==> flow/design.v <==
module my_alu_arith #(
  parameter int DW = 16
) (
  input logic clk,
  input logic rst_n,
  input logic [DW-1:0] src1,
  input logic [DW-1:0] src2,
  output logic [DW-1:0] diff
);
  logic [DW-1:0] src1_d1;
  always_ff @(posedge clk) begin
    if (~rst_n) begin
      src1_d1 <= 0;
    end else begin
      src1_d1 <= src1;
    end
  end
  logic [DW-1:0] src2_d1;
  always_ff @(posedge clk) begin
    if (~rst_n) begin
      src2_d1 <= 0;
    end else begin
      src2_d1 <= src2;
    end
  end
  logic [DW:0] val;
  assign val = src1_d1 - src2_d1;
  assign diff = val[DW] ? {DW{1'b0}} : val[DW-1:0];
endmodule
# == Step by step through the tools: my_alu_arith ==
# Tool output for the members of one design family, told apart by "DW", in the order of the flow.
# The file above is the member DW 16. Line numbers count from 1 in each member's own file.
# Not given: n/a
# setup
design,my_alu_arith
clock,clk
lib,sky130hd
lib_corner,tt_025C_1v80

# == Members of the sweep ==
# New or changed lines of each further member against the RTL above, in its own file; lines it lacks are not shown.
# changed_lines
DW,line,source
18,2,parameter int DW = 18
20,2,parameter int DW = 20
40,2,parameter int DW = 40
72,2,parameter int DW = 72
80,2,parameter int DW = 80
128,2,parameter int DW = 128

# == After elaboration ==
# Source: Yosys, flattened and elaborated, memories not mapped. Widths are those after wreduce; folded enables and synchronous resets count as part of the registers. Registers that Yosys merges into a memory's read port (data or address) are not register bits. Print and check cells do not count. Equal cells are merged and count once.
# bits
DW,reg_bits,in_bits,output_inout_bits,word_cells
16,32,34,16,4
18,36,38,18,4
20,40,42,20,4
40,80,82,40,4
72,144,146,72,4
80,160,162,80,4
128,256,258,128,4
# op_classes
DW,add_sub_neg,n_mux
16,1,1
18,1,1
20,1,1
40,1,1
72,1,1
80,1,1
128,1,1
# ops
DW,op_list
16,16-bit by 16-bit subtractor with 17-bit output (1); 16-bit two-way mux (1)
18,18-bit by 18-bit subtractor with 19-bit output (1); 18-bit two-way mux (1)
20,20-bit by 20-bit subtractor with 21-bit output (1); 20-bit two-way mux (1)
40,40-bit by 40-bit subtractor with 41-bit output (1); 40-bit two-way mux (1)
72,72-bit by 72-bit subtractor with 73-bit output (1); 72-bit two-way mux (1)
80,80-bit by 80-bit subtractor with 81-bit output (1); 80-bit two-way mux (1)
128,128-bit by 128-bit subtractor with 129-bit output (1); 128-bit two-way mux (1)

# == Longest topological paths ==
# Depth = most cells in a row (Yosys ltp): at word level without a register or memory, in the mapped netlist without a sequential cell, where the memories' decode and read muxes count.
# depth
DW,depth_word,ABC_AREA,depth_mapped,depth_no_buf
16,2,0,9,9
18,2,0,11,9
20,2,0,12,10
40,2,0,14,12
72,2,0,15,14
80,2,0,17,15
128,2,0,16,14

# == After synthesis ==
# The flow's flattened synthesis, as Yosys stat reports it; memories are mapped. The netlist is that of the ABC_AREA named above (0 if unset); the other value can give another one.
# Totals and module areas in this step are rounded.
# types
DW,cell_types
16,sky130_fd_sc_hd__dfxtp_1 (32); sky130_fd_sc_hd__ha_1 (17); sky130_fd_sc_hd__and2_1 (33); sky130_fd_sc_hd__inv_1 (23); sky130_fd_sc_hd__nor2_1 (17); sky130_fd_sc_hd__a21oi_1 (9); sky130_fd_sc_hd__xnor2_1 (4); sky130_fd_sc_hd__nand2_1 (8); sky130_fd_sc_hd__nor3_1 (5); sky130_fd_sc_hd__o21ai_0 (5); sky130_fd_sc_hd__o21a_1 (3); sky130_fd_sc_hd__o31ai_4 (1); sky130_fd_sc_hd__fa_1 (1); sky130_fd_sc_hd__mux2i_1 (2); sky130_fd_sc_hd__nor3_2 (2); sky130_fd_sc_hd__a31oi_1 (3); sky130_fd_sc_hd__nand2b_1 (3); sky130_fd_sc_hd__o21bai_4 (1); [+42]
18,sky130_fd_sc_hd__dfxtp_1 (36); sky130_fd_sc_hd__and2_1 (37); sky130_fd_sc_hd__ha_1 (18); sky130_fd_sc_hd__nor2_1 (22); sky130_fd_sc_hd__a21oi_1 (16); sky130_fd_sc_hd__inv_1 (20); sky130_fd_sc_hd__nand2_1 (16); sky130_fd_sc_hd__xnor2_1 (6); sky130_fd_sc_hd__xor2_1 (5); sky130_fd_sc_hd__o21ai_0 (8); sky130_fd_sc_hd__a21o_1 (4); sky130_fd_sc_hd__nor3_1 (6); sky130_fd_sc_hd__o21a_1 (4); sky130_fd_sc_hd__nand4_1 (4); sky130_fd_sc_hd__nor3b_2 (2); sky130_fd_sc_hd__a211oi_1 (3); sky130_fd_sc_hd__buf_6 (2); sky130_fd_sc_hd__clkbuf_1 (6); [+26]
20,sky130_fd_sc_hd__dfxtp_1 (40); sky130_fd_sc_hd__and2_1 (43); sky130_fd_sc_hd__ha_1 (20); sky130_fd_sc_hd__inv_1 (23); sky130_fd_sc_hd__a21oi_1 (17); sky130_fd_sc_hd__nor2_1 (20); sky130_fd_sc_hd__xnor2_1 (8); sky130_fd_sc_hd__a21o_1 (9); sky130_fd_sc_hd__nand2_1 (13); sky130_fd_sc_hd__buf_6 (4); sky130_fd_sc_hd__nand4_1 (6); sky130_fd_sc_hd__o21ai_0 (7); sky130_fd_sc_hd__xor2_1 (4); sky130_fd_sc_hd__mux2i_1 (3); sky130_fd_sc_hd__nand3_1 (6); sky130_fd_sc_hd__o211ai_1 (4); sky130_fd_sc_hd__clkbuf_8 (2); sky130_fd_sc_hd__nor4b_4 (1); [+49]
40,sky130_fd_sc_hd__dfxtp_1 (80); sky130_fd_sc_hd__and2_1 (81); sky130_fd_sc_hd__ha_1 (40); sky130_fd_sc_hd__nor2_1 (66); sky130_fd_sc_hd__a21oi_1 (38); sky130_fd_sc_hd__xnor2_1 (20); sky130_fd_sc_hd__inv_1 (44); sky130_fd_sc_hd__nand2_1 (31); sky130_fd_sc_hd__a21o_1 (15); sky130_fd_sc_hd__xor2_1 (11); sky130_fd_sc_hd__o21ai_0 (19); sky130_fd_sc_hd__a211oi_1 (10); sky130_fd_sc_hd__nor3_1 (15); sky130_fd_sc_hd__nand4_1 (9); sky130_fd_sc_hd__clkbuf_1 (13); sky130_fd_sc_hd__o21a_1 (6); sky130_fd_sc_hd__nand3_1 (8); sky130_fd_sc_hd__a31oi_1 (6); [+67]
72,sky130_fd_sc_hd__dfxtp_1 (144); sky130_fd_sc_hd__and2_1 (149); sky130_fd_sc_hd__ha_1 (72); sky130_fd_sc_hd__a21oi_1 (84); sky130_fd_sc_hd__inv_1 (103); sky130_fd_sc_hd__nor2_1 (99); sky130_fd_sc_hd__xnor2_1 (34); sky130_fd_sc_hd__xor2_1 (30); sky130_fd_sc_hd__o21ai_0 (50); sky130_fd_sc_hd__nand2_1 (59); sky130_fd_sc_hd__a21o_1 (23); sky130_fd_sc_hd__clkbuf_1 (43); sky130_fd_sc_hd__nand4_1 (23); sky130_fd_sc_hd__nor3_1 (21); sky130_fd_sc_hd__o21bai_1 (14); sky130_fd_sc_hd__a31oi_1 (11); sky130_fd_sc_hd__nor2b_1 (10); sky130_fd_sc_hd__a211oi_1 (8); [+107]
80,sky130_fd_sc_hd__dfxtp_1 (160); sky130_fd_sc_hd__and2_1 (163); sky130_fd_sc_hd__ha_1 (80); sky130_fd_sc_hd__a21oi_1 (105); sky130_fd_sc_hd__nor2_1 (116); sky130_fd_sc_hd__inv_1 (107); sky130_fd_sc_hd__xnor2_1 (43); sky130_fd_sc_hd__xor2_1 (33); sky130_fd_sc_hd__a21o_1 (38); sky130_fd_sc_hd__o21ai_0 (55); sky130_fd_sc_hd__nand2_1 (65); sky130_fd_sc_hd__nand4_1 (33); sky130_fd_sc_hd__clkbuf_1 (52); sky130_fd_sc_hd__o21bai_1 (15); sky130_fd_sc_hd__o21a_1 (12); sky130_fd_sc_hd__nor2b_1 (11); sky130_fd_sc_hd__a211oi_1 (9); sky130_fd_sc_hd__nand3_1 (13); [+120]
128,sky130_fd_sc_hd__dfxtp_1 (256); sky130_fd_sc_hd__and2_1 (260); sky130_fd_sc_hd__ha_1 (129); sky130_fd_sc_hd__a21oi_1 (203); sky130_fd_sc_hd__nor2_1 (216); sky130_fd_sc_hd__nand2_1 (166); sky130_fd_sc_hd__xnor2_1 (70); sky130_fd_sc_hd__inv_1 (163); sky130_fd_sc_hd__o21ai_0 (104); sky130_fd_sc_hd__xor2_1 (45); sky130_fd_sc_hd__nand4_1 (50); sky130_fd_sc_hd__o21bai_1 (36); sky130_fd_sc_hd__a21o_1 (35); sky130_fd_sc_hd__clkbuf_1 (67); sky130_fd_sc_hd__nor3_1 (32); sky130_fd_sc_hd__o21a_1 (17); sky130_fd_sc_hd__buf_2 (24); sky130_fd_sc_hd__a31oi_1 (18); [+244]
# A list marked [+n] leaves out that many cells.
# mapped
DW,mapped_cells,mapped_area_um2,seq_area_um2,flip_flops,buffers
16,211,1860,641,32,5
18,241,2020,721,36,11
20,279,2410,801,40,12
40,579,4760,1600,80,20
72,1084,8650,2880,144,53
80,1230,9790,3200,160,64
128,2135,16500,5120,256,108

# == Path before layout ==
# OpenSTA on the mapped netlist: ideal clock, no wires. The path of least setup slack (recovery checks aside). Input and output delay are each 20% of the period. Register names are those of the netlist, which keeps one name where synthesis merged equal registers.
# synth_path
DW,path_type,startpoint,endpoint,period_ns,slack_ns,path_stages,path_delay_ns,period_less_setup_slack_ns
16,register -> output,reg src1_d1[0],out diff[5],3.14,0.503,9,2.009,2.637
18,register -> output,reg src1_d1[0],out diff[16],3.57,0.573,11,2.283,2.997
20,register -> output,reg src1_d1[0],out diff[10],3.43,0.549,13,2.195,2.881
40,register -> output,reg src1_d1[0],out diff[28],3.78,0.604,14,2.420,3.176
72,register -> output,reg src1_d1[0],out diff[57],4.89,0.781,16,3.131,4.109
80,register -> output,reg src1_d1[0],out diff[69],4.72,0.757,18,3.019,3.963
128,register -> output,reg src1_d1[0],out diff[122],4.97,0.792,16,3.184,4.178
# "path_delay_ns" = arrival - input delay + setup time.
# At an output port there is no setup time.
# "path_stages": output pins that drive a net of the path, with the launching flip-flop's if there is one; two outputs of one cell count as two.
# "period_less_setup_slack_ns" = period - worst setup slack (recovery checks aside). The figure is calculated, with input and output delays left at 20% of the set period.
# The rows between start and end are the longest chain of elaborated cells between them; the timing report does not say that the signal goes this way. Where chains are equally long, one stands for them.
# Each line given opens the expression or statement behind the cell; cells for indexed reads and writes are added by Yosys, which also makes memories of some case tables.
# synth_between_DW_16
elab_chain_len,2
# synth_lines_DW_16
item,line,source
start: declaration,10,logic [DW-1:0] src1_d1;
start: assignment,13,src1_d1 <= 0;
start: assignment,15,src1_d1 <= src1;
16-bit by 16-bit subtractor with 17-bit output,27,assign val = src1_d1 - src2_d1;
16-bit two-way mux,28,assign diff = val[DW] ? {DW{1'b0}} : val[DW-1:0];
end: declaration,8,output logic [DW-1:0] diff
# synth_between_DW_128
elab_chain_len,2
# synth_lines_DW_128
item,line,source
start: declaration,10,logic [DW-1:0] src1_d1;
start: assignment,13,src1_d1 <= 0;
start: assignment,15,src1_d1 <= src1;
128-bit by 128-bit subtractor with 129-bit output,27,assign val = src1_d1 - src2_d1;
128-bit two-way mux,28,assign diff = val[DW] ? {DW{1'b0}} : val[DW-1:0];
end: declaration,8,output logic [DW-1:0] diff

# == Timing after layout ==
# Path of least setup slack in the final report of the run of each member (OpenROAD, finished layout, wires in). Where an end is a register, its clock arrival counts in the times.
# layout_path
DW,path_type,startpoint,endpoint,period_ns,slack_ns,path_stages,arrival_ns,path_buffers
16,register -> output,reg src1_d1[0],out diff[4],3.14,0.06,11,2.45,2
18,register -> output,reg src1_d1[0],out diff[6],3.57,0.12,12,2.73,2
20,register -> output,reg src1_d1[0],out diff[1],3.43,0.13,13,2.62,2
40,register -> output,reg src1_d1[0],out diff[36],3.78,0.04,15,2.98,2
72,register -> output,reg src2_d1[38],out diff[70],4.89,0.10,17,3.81,4
80,register -> output,reg src1_d1[0],out diff[48],4.72,-0.09,21,3.87,5
128,register -> output,reg src2_d1[36],out diff[48],4.97,-0.02,21,4.00,7

# == Measured runs ==
# One run of the flow (Yosys, OpenROAD) for each member, with settings and measured results. Input and output delays are each 20% of the period that was set; the output load is 0.01 pF.
# settings
CAP_MARGIN,20
CORE_MARGIN,2
CORE_UTILIZATION,40
SLEW_MARGIN,20
# settings_diff
DW,period_ns
16,3.14
18,3.57
20,3.43
40,3.78
72,4.89
80,4.72
128,4.97
# results
DW,synthesis_area_um2,die_area_um2,final_cell_area_um2,worstSetupSlack_ns,final_hold_ws_ns,design_power_mw,achieved_period_ns
16,1860,5200,2640,0.058,0.900,1.26,3.082
18,2020,5630,2740,0.122,1.00,1.17,3.448
20,2410,6670,3270,0.128,0.950,1.32,3.302
40,4760,12800,7090,0.043,0.933,2.90,3.737
72,8650,22800,12300,0.101,1.13,3.88,4.789
80,9790,25700,14100,-0.090,1.07,4.65,4.810
128,16500,43000,25800,-0.024,0.958,7.88,4.994
# By "achieved_period_ns" is meant the clock period of the run minus its worst setup slack. This is arithmetic on one report: input and output delays are still those of the set period (20% each).
# "design_power_mw" rests on the timing tool's default activity at the inputs, not on a simulated workload.
# Measured values are rounded.
